==> flow/design.v <==
module cpu_cmp #(
    parameter integer WIDTH = 16
) (
    input wire sys_clk,
    input wire i_rst,
    input wire [WIDTH-1:0] first,
    input wire [WIDTH-1:0] second,
    output reg less,
    output reg is_eq,
    output reg gt
);
    reg [WIDTH-1:0] first_q;
    always @(posedge sys_clk) begin
        if (i_rst) begin
            first_q <= 0;
        end else begin
            first_q <= first;
        end
    end
    reg [WIDTH-1:0] second_q;
    always @(posedge sys_clk) begin
        if (i_rst) begin
            second_q <= 0;
        end else begin
            second_q <= second;
        end
    end
    always @(posedge sys_clk) begin
        if (i_rst) begin
            less <= 1'b0;
        end else begin
            less <= (first_q < second_q);
        end
    end
    always @(posedge sys_clk) begin
        if (i_rst) begin
            is_eq <= 1'b0;
        end else begin
            is_eq <= (first_q == second_q);
        end
    end
    always @(posedge sys_clk) begin
        if (i_rst) begin
            gt <= 1'b0;
        end else begin
            gt <= (first_q > second_q);
        end
    end
endmodule
### Reports on cpu_cmp

What the tools print for cpu_cmp, step after step.
Line numbers count from 1 in the design file above.
Operators: Yosys type, input widths -> output width; for muxes data width and select width s.
Cell names lack the library's common part.
Not given: --

| design | value |
|---|---|
| top | cpu_cmp |
| clock port | sys_clk |
| cell library | sky130hd |
| corner | tt_025C_1v80 |

### Word level

Yosys after proc, flatten, opt, wreduce and memory -nomap, before mapping. Enables and synchronous resets that opt folds into registers are not counted as muxes. Memory bits, and registers merged into a memory's read port (data or address), are not among the register bits. Print and check cells are not counted. Equal cells are merged and count once.

| word-level totals | value |
|---|---|
| bits in registers | 35 |
| input port bits | 34 |
| output and inout port bits | 3 |
| elaborated cells | 8 |

| operators by class | value |
|---|---|
| $lt $le $gt $ge | 2 |
| equality and inequality tests | 1 |

Operators with widths:

| cell | count |
|---|---|
| $gt 16x16->1 | 1 |
| $lt 16x16->1 | 1 |
| $eq 16x16->1 | 1 |

### Depth

Longest topological path by Yosys (ltp), each cell counted once; first at word level (registers and memories cut), then after technology mapping (sequential cells cut; the memories' decode and read muxes count).

| depth | value |
|---|---|
| depth after elaboration | 1 |
| ABC_AREA | 0 |
| mapped depth | 6 |
| depth with buffers taken out | 6 |

### After synthesis

Yosys stat after the flow's synthesis: flattened, memories mapped to cells. It holds for the ABC_AREA given above (unset counts as 0); a run with the other value may have another netlist.
The area totals of this step are shown rounded.

Cells by type:

| cell type | count | total area (µm²) |
|---|---|---|
| dfxtp_1 | 35 | 700.672 |
| nor2b_1 | 33 | 206.448 |
| ha_1 | 16 | 200.192 |
| inv_1 | 17 | 63.811 |
| a21oi_1 | 7 | 35.034 |
| nand4_1 | 3 | 18.768 |
| nand2_1 | 4 | 15.014 |
| nor4_2 | 1 | 12.512 |
| a21boi_2 | 1 | 11.261 |
| clkbuf_1 | 3 | 11.261 |
| a221o_1 | 1 | 10.01 |
| nand3_1 | 2 | 10.01 |
| o31a_1 | 1 | 8.758 |
| a21o_1 | 1 | 7.507 |
| nor2_1 | 2 | 7.507 |
| o211ai_1 | 1 | 7.507 |
| nor4_1 | 1 | 6.256 |
| o21ai_0 | 1 | 5.005 |

| synthesis totals | value |
|---|---|
| cells in the netlist | 130 |
| cell area after synthesis | 1340 µm² |
| sequential part of the area | 701 µm² |
| flip-flop cells | 35 |
| buffer cells | 3 |

### Path before layout

Source: OpenSTA report_checks on the synthesized netlist (no wires, ideal clock, input and output delay 20% of the period each), path of least setup slack; recovery checks are left aside. Register names are those of the netlist, which keeps one name where synthesis merged equal registers.

| timing path post-synthesis | value |
|---|---|
| kind | register -> register |
| from | register second_q[14] |
| to | register gt |
| clock period | 1.93 ns |
| setup time | 0.120 ns |
| time at the first pin | 0.000 ns |
| arrival | 1.425 ns |
| data required time | 1.810 ns |
| slack | 0.386 ns |
| path delay | 1.545 ns |
| stages | 7 |
| buffers on the path | 0 |
| synthesis period reached | 1.544 ns |

"path delay" is the arrival time less input delay plus setup time.
"stages" counts driving pins, that of a launching flip-flop among them; a cell with two outputs on the path counts twice.
"synthesis period reached" = period - worst setup slack (recovery checks aside). The figure is calculated, with input and output delays left at 20% of the set period.
The rows between start and end are the longest chain of elaborated cells between them; the timing report does not say that the signal goes this way. Where chains are equally long, one stands for them.
Each line given opens the expression or statement behind the cell; cells for indexed reads and writes are added by Yosys, which also makes memories of some case tables.

| between the ends, post-synthesis | value |
|---|---|
| cell sequence | dfxtp_1 -> inv_1 -> ha_1 -> a21oi_1 -> nand2_1 -> a221o_1 -> o31a_1 |
| length of the longest elaborated chain | 1 |
| elaborated cells between the ends (all ways) | 1 |
| RTL lines with such cells | 1 |
| those cells by class | 1 x compare |

Ends and longest elaborated chain, post-synthesis:

| element | line | source |
|---|---|---|
| from (decl) | 20 | `reg [WIDTH-1:0] second_q;` |
| from (assign) | 23 | `second_q <= 0;` |
| from (assign) | 25 | `second_q <= second;` |
| $gt 16x16->1 | 46 | `gt <= (first_q > second_q);` |
| to (assign) | 44 | `gt <= 1'b0;` |
| to (assign) | 46 |  |
| to (decl) | 10 | `output reg gt` |

### Path in the finished layout

Path of least setup slack in the final report of job 3 (OpenROAD, finished layout, wires in). Where an end is a register, its clock arrival counts in the times.

| timing path post-layout | value |
|---|---|
| kind | register -> register |
| from | register second_q[5] |
| to | register gt |
| clock period | 1.93 ns |
| setup time | 0.10 ns |
| time at the first pin | 0.33 ns |
| arrival | 1.89 ns |
| data required time | 2.16 ns |
| slack | 0.27 ns |
| stages | 7 |
| buffers on the path | 0 |

The rows between start and end are the longest chain of elaborated cells between them; the timing report does not say that the signal goes this way. Where chains are equally long, one stands for them.

| between the ends, post-layout | value |
|---|---|
| cell sequence | dfxtp_1 -> inv_1 -> ha_1 -> a21oi_1 -> o21ai_0 -> a221o_1 -> o31a_1 |
| length of the longest elaborated chain | 1 |
| elaborated cells between the ends (all ways) | 1 |
| RTL lines with such cells | 1 |
| those cells by class | 1 x compare |

Ends and longest elaborated chain, post-layout:

| element | line | source |
|---|---|---|
| from (decl) | 20 | `reg [WIDTH-1:0] second_q;` |
| from (assign) | 23 | `second_q <= 0;` |
| from (assign) | 25 | `second_q <= second;` |
| $gt 16x16->1 | 46 | `gt <= (first_q > second_q);` |
| to (assign) | 44 | `gt <= 1'b0;` |
| to (assign) | 46 |  |
| to (decl) | 10 | `output reg gt` |

Top module cpu_cmp; platform sky130hd; tools Yosys and OpenROAD; 3 stored runs in no particular order. Input and output delays are each 20% of the period that was set; the output load is 0.01 pF.
"clock period achieved": clock period set for the run, less the worst setup slack. It is reckoned from that one timing run; input and output delays stay at 20% of the period that was set.
"worst path time" = time allowed to the worst setup path (clock period - input delay - output delay, where it has them) - its slack; a late launch clock adds to it, a late capture clock takes from it.
By "total design power" is meant OpenSTA's value without simulated activity: inputs other than the clock are taken to toggle once in ten clock periods, and the tool carries that through the logic.
The results are shown rounded.
Among the settings, n/a means not set for that run.
Among the results, n/a means that no value is shown for the run.

| run name | period_ns | CORE_UTILIZATION | PLACE_DENSITY_LB_ADDON | CORE_ASPECT_RATIO | CORE_MARGIN | ABC_AREA | CTS_CLUSTER_SIZE | CTS_CLUSTER_DIAMETER | SLEW_MARGIN | MIN_ROUTING_LAYER | CAP_MARGIN | SETUP_SLACK_MARGIN | CELL_PAD_IN_SITES_GLOBAL_PLACEMENT | GPL_ROUTABILITY_DRIVEN | clock period achieved (ns) | utilization of the finished layout (%) | worst setup slack after layout (ns) | worst path time (ns) | critical path kind | standard-cell area after routing (µm²) | area inside the die boundary (µm²) | total negative slack (ns) | area of the synthesized netlist (µm²) | total design power (uW) | lowest hold slack (ns) |
|---|---|---|---|---|---|---|---|---|---|---|---|---|---|---|---|---|---|---|---|---|---|---|---|---|---|
| job 1 | 0.989 | 68 | 0.07 | 0.94 | 7 | 1 | 83 | 339 | 30 | met2 | 20 | n/a | n/a | n/a | n/a | n/a | n/a | n/a | n/a | n/a | n/a | n/a | n/a | n/a | n/a |
| job 2 | 1.26 | 66 | 0.19 | 0.84 | 7 | 1 | n/a | n/a | 15 | met2 | 40 | 0.11 | 0 | 0 | n/a | n/a | n/a | n/a | n/a | n/a | n/a | n/a | n/a | n/a | n/a |
| job 3 | 1.93 | 40 | n/a | n/a | 2 | n/a | n/a | n/a | 20 | n/a | 20 | n/a | n/a | n/a | 1.659 | 58.4 | 0.271 | 1.66 | register -> register | 1830 | 3820 | 0.000 | 1340 | 1410 | 0.592 |

Job 1: stopped before the end: clock tree synthesis reported DPL-0038
Job 2: stopped before the end: clock tree synthesis reported DPL-0038
